==> flow/design.v <==
module alu_relation #(
  parameter int DATA_W = 96
) (
  input logic clk_i,
  input logic srst,
  input logic [DATA_W-1:0] i_lhs,
  input logic [DATA_W-1:0] i_rhs,
  output logic o_gt,
  output logic o_same
);
  logic [DATA_W-1:0] r_lhs;
  logic [DATA_W-1:0] r_rhs;
  always_ff @(posedge clk_i) begin
    if (srst) begin
      r_lhs <= '0;
      r_rhs <= '0;
    end else begin
      r_lhs <= i_lhs;
      r_rhs <= i_rhs;
    end
  end
  localparam int GROUPS = DATA_W / 4;
  logic [GROUPS:0] g;
  logic [GROUPS:0] e;
  assign g[0] = 1'b0;
  assign e[0] = 1'b1;
  generate
    for (genvar ii = 0; ii < GROUPS; ii++) begin : u_g
      nib_cmp inst (.a(r_lhs[4*ii +: 4]), .b(r_rhs[4*ii +: 4]), .gi(g[ii]), .ei(e[ii]), .go(g[ii+1]), .eo(e[ii+1]));
    end
  endgenerate
  always_ff @(posedge clk_i) begin
    if (srst) begin
      o_gt <= 1'b0;
      o_same <= 1'b0;
    end else begin
      o_gt <= g[GROUPS];
      o_same <= e[GROUPS];
    end
  end
endmodule
module nib_cmp (
  input logic [3:0] a,
  input logic [3:0] b,
  input logic gi,
  input logic ei,
  output logic go,
  output logic eo
);
  assign go = (a > b) | ((a == b) & gi);
  assign eo = (a == b) & ei;
endmodule
# Reports on alu_relation
# Tool output for the design above, in the order of the flow.
# Line numbers count from 1 in the design file above.
# Operators carry their Yosys type and port widths (W data, S select, Z words).
# Not given: --
# setup
top_module	alu_relation
clk_port	clk_i
lib	sky130hd
pvt_corner	tt_025C_1v80

# Word-level counts
# Counts by Yosys on the flattened word-level netlist (proc, flatten, opt, wreduce; memories kept). Register bits leave out memories and registers merged into their read ports (data or address); mux counts leave out enables and synchronous resets folded into registers. Print and check cells are left out. Cells with the same type and inputs are merged into one.
# bits
ff_bits	194
input_bits	194
out_inout_bits	2
wordCells	121
# op_classes
n_cmp	24
eq_ne	24
logic	69
# ops
cell	count
$gt A4 B4 Y1	24
$eq A4 B4 Y1	24
$and A1 B1 Y1	46
$or A1 B1 Y1	23

# Logic depth
# Yosys ltp: most cells in a row. Word level: on the elaborated netlist, between registers, memories and ports. Mapped: between sequential cells and ports; inverters and the memories' decode and read muxes count.
# logic_depth
ltp_word	47
ABC_AREA	0
ltp_mapped	9
mapped_depth_nobuf	9

# Synthesis result
# Source: synth_stat.txt of the flow (Yosys; design flattened, memories mapped). It holds for the ABC_AREA given above (unset counts as 0); a run with the other value may have another netlist.
# by_type
type	count	area_total_um2
sky130_fd_sc_hd__dfxtp_1	194	3.88E+03
sky130_fd_sc_hd__nor2b_1	202	1.26E+03
sky130_fd_sc_hd__ha_1	96	1.2E+03
sky130_fd_sc_hd__inv_1	109	409.142
sky130_fd_sc_hd__a21oi_1	26	130.125
sky130_fd_sc_hd__nand4_1	19	118.864
sky130_fd_sc_hd__clkbuf_1	21	78.826
sky130_fd_sc_hd__o21ai_0	15	75.072
sky130_fd_sc_hd__a21o_1	7	52.55
sky130_fd_sc_hd__nand2_1	14	52.55
sky130_fd_sc_hd__o211ai_1	7	52.55
sky130_fd_sc_hd__o21a_1	7	52.55
sky130_fd_sc_hd__nand2b_1	6	37.536
sky130_fd_sc_hd__and4_1	4	35.034
sky130_fd_sc_hd__nor2_1	9	33.782
sky130_fd_sc_hd__nand3_1	6	30.029
sky130_fd_sc_hd__a221oi_1	3	26.275
sky130_fd_sc_hd__a211oi_1	3	22.522
# Not listed: further types 22, cells in them 32.
# mapped
cells	780
area_um2	7796.2
seqArea_um2	3883.7
ff_cells	194
n_buf	21
# By module: a second synthesis without flattening, with its own total; a netlist apart from the flattened one above.
# hier_totals
hier_cells	795
area_unflattened_um2	7788.7
# Each row is one instance without its submodules.
# modules
mod	n_inst	n_cells	area_um2	seq_area_um2
alu_relation	1	411	5206.2	3883.7
nib_cmp	24	16	107.6	0.0

# Path before layout
# Path of least setup slack by OpenSTA after synthesis, without wires, with an ideal clock, recovery checks aside; 20% of the period is set as input and as output delay. Where synthesis merged equal registers, the netlist keeps one of their names.
# synth_timing
kind	flip-flop to flip-flop
startpoint	register r_rhs[34]
endpoint	register o_gt
tclk_ps	2490
setup_ps	122
launch_ps	0
t_arrival_ps	1871
required_ps	2368
setup_slack_ps	497
delay_ps	1993
driving_pins	9
path_buffers	0
synth_period_reached_ps	1993
# "delay_ps" = arrival - input delay + setup time.
# "driving_pins": output pins that drive a net of the path, with the launching flip-flop's if there is one; two outputs of one cell count as two.
# "synth_period_reached_ps" = period - worst setup slack (recovery checks aside). The figure is calculated, with input and output delays left at 20% of the set period.
# The rows between start and end are the longest chain of elaborated cells between them; the timing report does not say that the signal goes this way. Where chains are equally long, one stands for them.
# A line is the first line of the expression or statement that the cell stems from. Yosys adds cells for indexed reads and writes and turns some case tables into memories.
# synth_via
cell_sequence	sky130_fd_sc_hd__dfxtp_1 -> sky130_fd_sc_hd__inv_1 -> sky130_fd_sc_hd__ha_1 -> sky130_fd_sc_hd__nand4_1 -> sky130_fd_sc_hd__or4_4 -> sky130_fd_sc_hd__nor4_2 -> sky130_fd_sc_hd__o21ai_1 -> sky130_fd_sc_hd__a211oi_2 -> sky130_fd_sc_hd__o31ai_1
elab_chain_len	33
cells_between	34
classes_between	1 x compare; 1 x eq/ne; 32 x logic
# synth_rtl
element	line	rtl
from (decl)	12	logic [DATA_W-1:0] r_rhs;
from (assign)	16	r_rhs <= '0;
from (assign)	19	r_rhs <= i_rhs;
$eq A4 B4 Y1	50	assign go = (a > b) | ((a == b) & gi);
$and A1 B1 Y1	50
$or A1 B1 Y1	50
$and A1 B1 Y1	50
$or A1 B1 Y1	50
$and A1 B1 Y1	50
$or A1 B1 Y1	50
(+19 left out)	--
$or A1 B1 Y1	50
$and A1 B1 Y1	50
$or A1 B1 Y1	50
$and A1 B1 Y1	50
$or A1 B1 Y1	50
$and A1 B1 Y1	50
$or A1 B1 Y1	50
to (assign)	34	o_gt <= 1'b0;
to (assign)	37	o_gt <= g[GROUPS];
to (decl)	8	output logic o_gt,

# Path in the finished layout
# From the final timing report of record 2: the path of least setup slack in the routed layout; clock arrival at registers is part of the times.
# The path's times are printed in steps of 10 ps; the period is the one set.
# layout_timing
kind	flip-flop to flip-flop
startpoint	register r_lhs[32]
endpoint	register o_gt
tclk_ps	2490
setup_ps	110
launch_ps	420
t_arrival_ps	2530
required_ps	2790
setup_slack_ps	260
driving_pins	9
path_buffers	0
# The rows between start and end are the longest chain of elaborated cells between them; the timing report does not say that the signal goes this way. Where chains are equally long, one stands for them.
# layout_via
cell_sequence	sky130_fd_sc_hd__dfxtp_1 -> sky130_fd_sc_hd__inv_1 -> sky130_fd_sc_hd__ha_1 -> sky130_fd_sc_hd__nand4_1 -> sky130_fd_sc_hd__or4_4 -> sky130_fd_sc_hd__nor4_2 -> sky130_fd_sc_hd__o21ai_1 -> sky130_fd_sc_hd__a211oi_2 -> sky130_fd_sc_hd__o31ai_1
elab_chain_len	33
cells_between	34
classes_between	1 x compare; 1 x eq/ne; 32 x logic
# layout_rtl
element	line	rtl
from (decl)	11	logic [DATA_W-1:0] r_lhs;
from (assign)	15	r_lhs <= '0;
from (assign)	18	r_lhs <= i_lhs;
$eq A4 B4 Y1	50	assign go = (a > b) | ((a == b) & gi);
$and A1 B1 Y1	50
$or A1 B1 Y1	50
$and A1 B1 Y1	50
$or A1 B1 Y1	50
$and A1 B1 Y1	50
$or A1 B1 Y1	50
(+19 left out)	--
$or A1 B1 Y1	50
$and A1 B1 Y1	50
$or A1 B1 Y1	50
$and A1 B1 Y1	50
$or A1 B1 Y1	50
$and A1 B1 Y1	50
$or A1 B1 Y1	50
to (assign)	34	o_gt <= 1'b0;
to (assign)	37	o_gt <= g[GROUPS];
to (decl)	8	output logic o_gt,

# Record of 3 stored runs of the RTL-to-layout flow on alu_relation, platform sky130hd. The runs are unordered. Constraints: input delay and output delay 20% of the set period each, output load 0.01 pF.
# By "achievedPeriod_ps" is meant the clock period of the run minus its worst setup slack. This is arithmetic on one report: input and output delays are still those of the set period (20% each).
# By "worst_path_ps" is meant the share of the clock period that the worst setup path is allowed (20% is reserved at inputs, 20% at outputs), minus its slack. Clock arrival times at its registers enter into it.
# "worst_path_ps" is known to 10 ps.
# Among the settings, -- means not set for that run.
# Results: -- = not shown.
name,record 1,record 2,record 3
period_ns,2.8,2.49,1.34
CORE_UTILIZATION,41,40,47
SETUP_SLACK_MARGIN,0.19,--,--
PLACE_DENSITY_LB_ADDON,0.18,--,0.05
CELL_PAD_IN_SITES_GLOBAL_PLACEMENT,2,--,--
CELL_PAD_IN_SITES_DETAIL_PLACEMENT,2,--,--
TNS_END_PERCENT,10,--,15
ABC_AREA,1,--,--
CTS_CLUSTER_SIZE,14,--,--
CTS_CLUSTER_DIAMETER,383,--,--
CAP_MARGIN,25,20,20
MAX_ROUTING_LAYER,met4,--,--
CORE_MARGIN,2,2,2
SLEW_MARGIN,20,20,20
HOLD_SLACK_MARGIN,--,--,-0.06
CORE_ASPECT_RATIO,--,--,1.89
GPL_TIMING_DRIVEN,--,--,1
GPL_ROUTABILITY_DRIVEN,--,--,1
MIN_ROUTING_LAYER,--,--,met1
final_setup_ws_ps,--,261,-678
finish.utilization_frac,--,0.55,0.671
synthesis_area_um2,--,7796.2,7796.2
timing.hold.ws_ps,--,469,279
design.die.area_um2,--,20623.8,17686.8
worst_path_ps,--,2230,2020
critical_path_kind,--,flip-flop to flip-flop,flip-flop to flip-flop
final_cell_area_um2,--,10607.7,10914.2
achievedPeriod_ps,--,2229,2018
# Record 1: incomplete, placement halted on DPL-0033
